==> flow/design.v <==
module my_mult #(
    parameter DW = 9
) (
    input  ck,
    input  nrst,
    input  [DW-1:0] a,
    input  [DW-1:0] b,
    output reg [2*DW-1:0] result
);
    reg [DW-1:0] r_a;
    reg [DW-1:0] r_b;
    always @(posedge ck) begin
        if (!nrst) begin
            r_a <= 0;
            r_b <= 0;
            result <= 0;
        end else begin
            r_a <= a;
            r_b <= b;
            result <= r_a * r_b;
        end
    end
endmodule
From RTL to reports: my_mult
What the tools print for my_mult, step after step.
Lines are those of the file above, counted from 1.
Operators: Yosys type, input widths -> output width; for muxes data width and select width s.
{ "setup": {"design": "my_mult", "clk_port": "ck", "lib": "sky130hd", "corner": "tt_025C_1v80"} }

Word level
Yosys after proc, flatten, opt, wreduce and memory -nomap, before mapping. Enables and synchronous resets that opt folds into registers are not counted as muxes. Memory bits, and registers merged into a memory's read port (data or address), are not among the register bits. Print and check cells are not counted. Equal cells are merged and count once.
{ "word_totals": {"reg_bits": 36, "in_bits": 20, "wordCells": 4} }
{ "classes": {"multipliers": 1} }
{ "op_table": {"columns": ["cell", "count"], "rows": [
  ["$mul 9x9->18", 1]
]} }

Depth
Longest topological path by Yosys (ltp), each cell counted once; first at word level (registers and memories cut), then after technology mapping (sequential cells cut; the memories' decode and read muxes count).
{ "depth": {"depth_word": 1, "abc_area": 0, "mapped_depth": 17, "ltp_nobuf": 16} }

After synthesis
The flow's flattened synthesis, as Yosys stat reports it; memories are mapped. The netlist is that of the ABC_AREA named above (0 if unset); the other value can give another one.
The area totals of this step are shown rounded.
{ "mapped": {"cell_count": 377, "mapped_area_um2": 3520, "seq_area_um2": 720.7, "ff_cells": 36} }
{ "types": {"columns": ["type", "count", "type_area_um2"], "rows": [
  ["sky130_fd_sc_hd__fa_1", 50, 1000.96],
  ["sky130_fd_sc_hd__dfxtp_1", 36, 720.691],
  ["sky130_fd_sc_hd__ha_1", 38, 475.456],
  ["sky130_fd_sc_hd__and2_1", 74, 462.944],
  ["sky130_fd_sc_hd__inv_1", 69, 258.998],
  ["sky130_fd_sc_hd__nand2_1", 37, 138.883],
  ["sky130_fd_sc_hd__and3_1", 8, 50.048],
  ["sky130_fd_sc_hd__a21o_1", 6, 45.043],
  ["sky130_fd_sc_hd__xor2_1", 5, 43.792],
  ["sky130_fd_sc_hd__nor2_1", 10, 37.536],
  ["sky130_fd_sc_hd__a21oi_1", 7, 35.034],
  ["sky130_fd_sc_hd__clkbuf_1", 7, 26.275],
  ["sky130_fd_sc_hd__xnor2_1", 3, 26.275],
  ["sky130_fd_sc_hd__mux2i_1", 2, 20.019],
  ["sky130_fd_sc_hd__a31oi_1", 3, 18.768],
  ["sky130_fd_sc_hd__nand2b_1", 3, 18.768],
  ["sky130_fd_sc_hd__a221oi_1", 2, 17.517],
  ["sky130_fd_sc_hd__a211oi_1", 2, 15.014]
]} }
Other cell types: 14; their cells: 15.

Path before layout
Source: OpenSTA report_checks on the synthesized netlist (no wires, ideal clock, input and output delay 20% of the period each), path of least setup slack; recovery checks are left aside. Register names are those of the netlist, which keeps one name where synthesis merged equal registers.
{ "synth_path": {"path_kind": "flip-flop to flip-flop", "from": "reg r_b[2]", "to": "reg result[15]", "tclk_ps": 5520, "setup_time_ps": 62, "launch_ps": 0, "arrival_ps": 4356, "t_required_ps": 5458, "path_slack_ps": 1102, "delay_ps": 4418, "path_stages": 16, "path_buffers": 1, "period_less_setup_slack_ps": 4418} }
"delay_ps" is the arrival time less input delay plus setup time.
"path_stages": output pins that drive a net of the path, with the launching flip-flop's if there is one; two outputs of one cell count as two.
"period_less_setup_slack_ps" is the clock period less the worst setup slack; recovery checks do not enter. This is arithmetic on one report: input and output delays are still those of the set period (20% each).
The rows between start and end are the longest chain of elaborated cells between them; the timing report does not say that the signal goes this way. Where chains are equally long, one stands for them.
Each line given opens the expression or statement behind the cell; cells for indexed reads and writes are added by Yosys, which also makes memories of some case tables.
{ "synth_between": {"path_cell_list": "sky130_fd_sc_hd__dfxtp_1 > sky130_fd_sc_hd__clkbuf_1 > sky130_fd_sc_hd__nand2_1 > sky130_fd_sc_hd__fa_1 > sky130_fd_sc_hd__inv_1 > sky130_fd_sc_hd__fa_1 > sky130_fd_sc_hd__inv_1 > sky130_fd_sc_hd__fa_1 > sky130_fd_sc_hd__fa_1 > sky130_fd_sc_hd__inv_1 > sky130_fd_sc_hd__ha_1 > sky130_fd_sc_hd__and3_1 > sky130_fd_sc_hd__a211o_1 > sky130_fd_sc_hd__and3_1 > sky130_fd_sc_hd__or4_1 > sky130_fd_sc_hd__nand3_1", "elab_chain_len": 1} }
{ "synth_rtl": {"columns": ["element", "line", "text"], "rows": [
  ["from (decl)", 11, "reg [DW-1:0] r_b;"],
  ["from (assign)", 15, "r_b <= 0;"],
  ["from (assign)", 19, "r_b <= b;"],
  ["$mul 9x9->18", 20, "result <= r_a * r_b;"],
  ["to (assign)", 16, "result <= 0;"],
  ["to (assign)", 20, null],
  ["to (decl)", 8, "output reg [2*DW-1:0] result"]
]} }

Worst path after layout
Path of least setup slack in the final report of record 1 (OpenROAD, finished layout, wires in). Where an end is a register, its clock arrival counts in the times.
The report prints the path's times to 10 ps; the period is as set.
{ "layout_path": {"path_kind": "flip-flop to flip-flop", "from": "reg r_a[5]", "to": "reg result[15]", "tclk_ps": 3230, "setup_time_ps": 50, "launch_ps": 290, "arrival_ps": 4430, "t_required_ps": 3460, "path_slack_ps": -960, "path_stages": 16, "path_buffers": 1} }
The rows between start and end are the longest chain of elaborated cells between them; the timing report does not say that the signal goes this way. Where chains are equally long, one stands for them.
{ "layout_between": {"path_cell_list": "sky130_fd_sc_hd__dfxtp_4 > sky130_fd_sc_hd__buf_12 > sky130_fd_sc_hd__nand2_4 > sky130_fd_sc_hd__fa_1 > sky130_fd_sc_hd__inv_2 > sky130_fd_sc_hd__fa_1 > sky130_fd_sc_hd__inv_1 > sky130_fd_sc_hd__fa_1 > sky130_fd_sc_hd__fa_1 > sky130_fd_sc_hd__inv_2 > sky130_fd_sc_hd__ha_4 > sky130_fd_sc_hd__and3_4 > sky130_fd_sc_hd__a211o_4 > sky130_fd_sc_hd__and3_4 > sky130_fd_sc_hd__or4_4 > sky130_fd_sc_hd__nand3_2", "elab_chain_len": 1} }
{ "layout_rtl": {"columns": ["element", "line", "text"], "rows": [
  ["from (decl)", 10, "reg [DW-1:0] r_a;"],
  ["from (assign)", 14, "r_a <= 0;"],
  ["from (assign)", 18, "r_a <= a;"],
  ["$mul 9x9->18", 20, "result <= r_a * r_b;"],
  ["to (assign)", 16, "result <= 0;"],
  ["to (assign)", 20, null],
  ["to (decl)", 8, "output reg [2*DW-1:0] result"]
]} }

Add stored flow runs of my_mult

Flow measurements of my_mult on sky130hd: 3 stored runs with different settings, listed in no order. Input and output delays are each 20% of the period that was set; the output load is 0.01 pF.
Measured values are rounded.
[
  {
    "run": "record 1",
    "settings": { "period_ns": 3.23, "CORE_UTILIZATION": 30, "PLACE_DENSITY_LB_ADDON": 0.03, "CELL_PAD_IN_SITES_DETAIL_PLACEMENT": 2, "GPL_TIMING_DRIVEN": 0, "MAX_ROUTING_LAYER": "met4", "CAP_MARGIN": 20, "CORE_MARGIN": 2, "SLEW_MARGIN": 20 },
    "results": { "synthArea_um2": 3520, "die_footprint_um2": 12610, "layout_utilization_frac": 0.432, "setup_ws_ps": -965, "setupTns_ps": -9350, "final_stdcell_area_um2": 4932 }
  },
  {
    "run": "record 2",
    "settings": { "period_ns": 5.52, "CAP_MARGIN": 20, "CORE_MARGIN": 2, "CORE_UTILIZATION": 40, "SLEW_MARGIN": 20 },
    "results": { "setupTns_ps": 0, "layout_utilization_frac": 0.476, "die_footprint_um2": 9566, "synthArea_um2": 3520, "final_stdcell_area_um2": 4114, "setup_ws_ps": 887 }
  },
  {
    "run": "record 3",
    "settings": { "period_ns": 5.09, "CORE_UTILIZATION": 67, "SETUP_SLACK_MARGIN": -0.03, "PLACE_DENSITY": 0.86, "CELL_PAD_IN_SITES_GLOBAL_PLACEMENT": 2, "CELL_PAD_IN_SITES_DETAIL_PLACEMENT": 0, "TNS_END_PERCENT": 95, "CTS_CLUSTER_SIZE": 16, "CTS_CLUSTER_DIAMETER": 257, "CAP_MARGIN": 15, "SLEW_MARGIN": 0, "MIN_ROUTING_LAYER": "met2", "MAX_ROUTING_LAYER": "met4", "CORE_MARGIN": 2 },
    "outcome": "did not finish, placement stopped with GPL-0301"
  }
]
